==> flow/design.v <==
module alu_arith_add_top #(
   parameter integer DWIDTH = 80
) (
   input  wire clk,
   input  wire rst_n,
   input  wire [DWIDTH-1:0] op_a,
   input  wire [DWIDTH-1:0] op_b,
   input  wire [DWIDTH-1:0] op_c,
   output reg [DWIDTH+1:0] o
);
   wire [DWIDTH-1:0] nxt = op_a ^ op_b ^ op_c;
   wire [DWIDTH-1:0] chain = (op_a & op_b) | (op_a & op_c) | (op_b & op_c);
   always @(posedge clk or negedge rst_n) begin
      if (!rst_n) begin
         o <= 0;
      end else begin
         o <= nxt + {chain, 1'b0};
      end
   end
endmodule
**Reports on alu_arith_add_top**

Tool output for the design above, in the order of the flow.
Lines are those of the file above, counted from 1.
Library cell names are shortened.
Not given: n/a

- Design top: alu_arith_add_top
- Clock input: clk
- Standard-cell library: sky130hd
- Timing corner: tt_025C_1v80

**Word level**

Counts by Yosys on the flattened word-level netlist (proc, flatten, opt, wreduce; memories kept). Register bits leave out memories and registers merged into their read ports (data or address); mux counts leave out enables and synchronous resets folded into registers. Print and check cells are left out. Cells with the same type and inputs are merged into one.

- Bits in registers: 82
- Bits in latches: 0
- Bits in writable memories: 0
- Memory bits (read-only): 0
- Clocked read ports x word width: 0
- Memories: 0
- Output and inout bits: 82
- Elaborated cells: 9

- Add/sub/neg operators: 1
- $mul: 0
- Divide/modulo/power cells: 0
- Magnitude comparators: 0
- Equal/unequal tests: 0
- Shift operators: 0
- Multiplexer cells: 0
- Bitwise gates (word level): 7
- Reductions and logical operators: 0

Operator list:

| cell | count |
|---|---|
| bitwise AND 80 bit | 3 |
| bitwise OR 80 bit | 2 |
| bitwise XOR 80 bit | 2 |
| adder 80 x 81 -> 82 bit | 1 |

**Logic depth**

Depth = most cells in a row (Yosys ltp): at word level without a register or memory, in the mapped netlist without a sequential cell, where the memories' decode and read muxes count.

- Depth in word-level cells: 4
- ABC_AREA: 0
- Mapped depth: 15
- Depth with buffers taken out: 15

**Netlist**

The flow's flattened synthesis, as Yosys stat reports it; memories are mapped. The netlist is that of the ABC_AREA named above (0 if unset); the other value can give another one.
The area totals of this step are shown rounded.

- Standard cells after synthesis: 909
- Chip area (Yosys): 8600 um2
- Sequential part of the area: 2050 um2
- Flip-flop cells: 82

Cell types:

| cell | count |
|---|---|
| dfrtp_1 | 82 |
| fa_1 | 81 |
| ha_1 | 79 |
| a21oi_1 | 100 |
| a21o_1 | 48 |
| xnor2_1 | 40 |
| nand2_1 | 72 |
| xor2_1 | 30 |
| o21ai_0 | 48 |
| nor2_1 | 49 |
| nand4_1 | 26 |
| inv_1 | 41 |
| o21bai_1 | 18 |
| clkbuf_1 | 28 |
| o21a_1 | 13 |
| nand3_1 | 19 |
| a31oi_1 | 11 |
| nor2b_1 | 10 |

Not listed: further types 45, cells in them 114.

**Path before layout**

Path of least setup slack by OpenSTA after synthesis, without wires, with an ideal clock, recovery checks aside; 20% of the period is set as input and as output delay. Where synthesis merged equal registers, the netlist keeps one of their names.

- Path type: input -> register
- Start point: input port op_a[1]
- End point: register o[71]
- Clock period: 5.08 ns
- External input delay: 1.016 ns
- Library setup time: 0.127 ns
- Arrival time: 4.143 ns
- Required time: 4.953 ns
- Path slack: 0.810 ns
- Delay of the path: 3.254 ns
- Stages: 13
- Path buffers: 0
- Period reached after synthesis: 4.27 ns

"delay of the path" = arrival - input delay + setup time.
"stages" counts driving pins, that of a launching flip-flop among them; a cell with two outputs on the path counts twice.
"period reached after synthesis" is the clock period less the worst setup slack; recovery checks do not enter. This is arithmetic on one report: input and output delays are still those of the set period (20% each).
Between the ends stands the longest chain of elaborated cells between them, by number of cells; it is not shown to be the way that was timed. Of several equally long chains one is given.
Each line given opens the expression or statement behind the cell; cells for indexed reads and writes are added by Yosys, which also makes memories of some case tables.

- Path through: fa_1 -> ha_1 -> fa_1 -> a211oi_1 -> nor2_1 -> o31ai_1 -> o211ai_1 -> a31oi_1 -> o21ai_1 -> a31o_2 -> a21oi_2 -> o21ai_1 -> xor2_1
- Length of the longest elaborated chain: 4
- Elaborated cells between the ends (all ways): 7
- Source lines of those cells: 3

RTL lines, path after synthesis:

| what | line | RTL |
|---|---|---|
| start: declaration | 6 | `input  wire [DWIDTH-1:0] op_a,` |
| bitwise AND 80 bit | 12 | `wire [DWIDTH-1:0] chain = (op_a & op_b) \| (op_a & op_c) \| (op_b & op_c);` |
| bitwise OR 80 bit x2 | 12 |  |
| adder 80 x 81 -> 82 bit | 17 | `o <= nxt + {chain, 1'b0};` |
| end: assignment | 15 | `o <= 0;` |
| end: assignment | 17 |  |
| end: declaration | 9 | `output reg [DWIDTH+1:0] o` |

**Timing after layout**

Path of least setup slack in the final report of flow run C (OpenROAD, finished layout, wires in). Where an end is a register, its clock arrival counts in the times.

- Path type: input -> register
- Start point: input port op_a[3]
- End point: register o[64]
- Clock period: 5.08 ns
- External input delay: 1.02 ns
- Library setup time: 0.08 ns
- Arrival time: 4.94 ns
- Required time: 5.35 ns
- Path slack: 0.41 ns
- Stages: 16
- Path buffers: 2

Between the ends stands the longest chain of elaborated cells between them, by number of cells; it is not shown to be the way that was timed. Of several equally long chains one is given.

- Path through: clkdlybuf4s50_1 -> inv_1 -> fa_1 -> inv_1 -> ha_1 -> o21a_1 -> a21oi_1 -> o211a_1 -> a211oi_4 -> o21ai_1 -> a21oi_1 -> o21ai_1 -> buf_4 -> o21ai_1 -> a311oi_1 -> xnor2_1
- Length of the longest elaborated chain: 4
- Elaborated cells between the ends (all ways): 7
- Source lines of those cells: 3

RTL lines, path after layout:

| what | line | RTL |
|---|---|---|
| start: declaration | 6 | `input  wire [DWIDTH-1:0] op_a,` |
| bitwise AND 80 bit | 12 | `wire [DWIDTH-1:0] chain = (op_a & op_b) \| (op_a & op_c) \| (op_b & op_c);` |
| bitwise OR 80 bit x2 | 12 |  |
| adder 80 x 81 -> 82 bit | 17 | `o <= nxt + {chain, 1'b0};` |
| end: assignment | 15 | `o <= 0;` |
| end: assignment | 17 |  |
| end: declaration | 9 | `output reg [DWIDTH+1:0] o` |

3 stored runs of alu_arith_add_top in the flow (synthesis by Yosys, layout by OpenROAD, sky130hd cells), in arbitrary order. Constraints: input delay and output delay 20% of the set period each, output load 0.01 pF.
"period reached" means the clock period less the worst setup slack. The figure is calculated, with input and output delays left at 20% of the set period.
"time of the worst setup path" means the part of the period allowed to the worst setup path (the constraints hold back 20% at inputs and 20% at outputs) less its slack; where the path has registers, the arrival times of their clocks count too.
"total power after layout" rests on the timing tool's default activity at the inputs, not on a simulated workload.
The measured numbers are rounded.

### Flow run A

==> flow/run.sh <==
#!/bin/bash
# the make line also repeats the synthesis and layout settings of config.mk as NAME=value (left out here)
make -C /OpenROAD-flow-scripts/flow DESIGN_CONFIG=/design/flow/config.mk WORK_HOME=/design/flow/orfs CLKGATE_MAP_FILE= finish
==> flow/config.mk <==
export PLATFORM = sky130hd
export DESIGN_NAME = alu_arith_add_top
export DESIGN_NICKNAME = alu_arith_add_top
export VERILOG_FILES = /design/flow/design.v
export SDC_FILE = /design/flow/constraint.sdc
export NUM_CORES = 4
export LEC_CHECK = 0
export ABC_AREA = 1
export CAP_MARGIN = 20
export CELL_PAD_IN_SITES_DETAIL_PLACEMENT = 1
export CELL_PAD_IN_SITES_GLOBAL_PLACEMENT = 0
export CORE_MARGIN = 3
export CORE_UTILIZATION = 39
export CTS_CLUSTER_DIAMETER = 111
export MAX_ROUTING_LAYER = met5
export PLACE_DENSITY_LB_ADDON = 0.05
export SETUP_SLACK_MARGIN = 0.63
export SLEW_MARGIN = 30
==> flow/constraint.sdc <==
create_clock -name core_clock -period 2.85 [get_ports {clk}]
set_input_delay 0.5700 -clock core_clock [delete_from_list [all_inputs] [get_ports {clk}]]
set_output_delay 0.5700 -clock core_clock [all_outputs]
set_load 0.01 [all_outputs]

Outcome of flow run A: no results, clock tree synthesis failed with DPL-0033

### Flow run B

==> flow/run.sh <==
#!/bin/bash
# the make line also repeats the synthesis and layout settings of config.mk as NAME=value (left out here)
make -C /OpenROAD-flow-scripts/flow DESIGN_CONFIG=/design/flow/config.mk WORK_HOME=/design/flow/orfs CLKGATE_MAP_FILE= finish
==> flow/config.mk <==
export PLATFORM = sky130hd
export DESIGN_NAME = alu_arith_add_top
export DESIGN_NICKNAME = alu_arith_add_top
export VERILOG_FILES = /design/flow/design.v
export SDC_FILE = /design/flow/constraint.sdc
export NUM_CORES = 4
export LEC_CHECK = 0
export ABC_AREA = 0
export CAP_MARGIN = 20
export CELL_PAD_IN_SITES_GLOBAL_PLACEMENT = 1
export CORE_MARGIN = 2
export CORE_UTILIZATION = 66
export CTS_CLUSTER_DIAMETER = 110
export GPL_TIMING_DRIVEN = 0
export PLACE_DENSITY_LB_ADDON = 0.26
export SLEW_MARGIN = 20
export TNS_END_PERCENT = 45
==> flow/constraint.sdc <==
create_clock -name core_clock -period 3.04 [get_ports {clk}]
set_input_delay 0.6080 -clock core_clock [delete_from_list [all_inputs] [get_ports {clk}]]
set_output_delay 0.6080 -clock core_clock [all_outputs]
set_load 0.01 [all_outputs]

Outcome of flow run B: no results, placement failed with FLW-0024

### Flow run C

==> flow/run.sh <==
#!/bin/bash
# the make line also repeats the synthesis and layout settings of config.mk as NAME=value (left out here)
make -C /OpenROAD-flow-scripts/flow DESIGN_CONFIG=/design/flow/config.mk WORK_HOME=/design/flow/orfs CLKGATE_MAP_FILE= finish
==> flow/config.mk <==
export PLATFORM = sky130hd
export DESIGN_NAME = alu_arith_add_top
export DESIGN_NICKNAME = alu_arith_add_top
export VERILOG_FILES = /design/flow/design.v
export SDC_FILE = /design/flow/constraint.sdc
export NUM_CORES = 4
export LEC_CHECK = 0
export CAP_MARGIN = 20
export CORE_MARGIN = 2
export CORE_UTILIZATION = 40
export SLEW_MARGIN = 20
==> flow/constraint.sdc <==
create_clock -name core_clock -period 5.08 [get_ports {clk}]
set_input_delay 1.0160 -clock core_clock [delete_from_list [all_inputs] [get_ports {clk}]]
set_output_delay 1.0160 -clock core_clock [all_outputs]
set_load 0.01 [all_outputs]

Results of flow run C:
- Final utilization: 59.1%
- Time of the worst setup path: 3.65 ns
- Kind of the worst setup path: input -> register
- Worst setup slack after layout: 0.414 ns
- Standard-cell area after routing: 12500 um2
- Chip area in the Yosys report: 8600 um2
- Period reached: 4.666 ns
- Total power after layout: 4.54 mW
- Die size: 22700 um2
- Post-route setup TNS: 0.000 ns
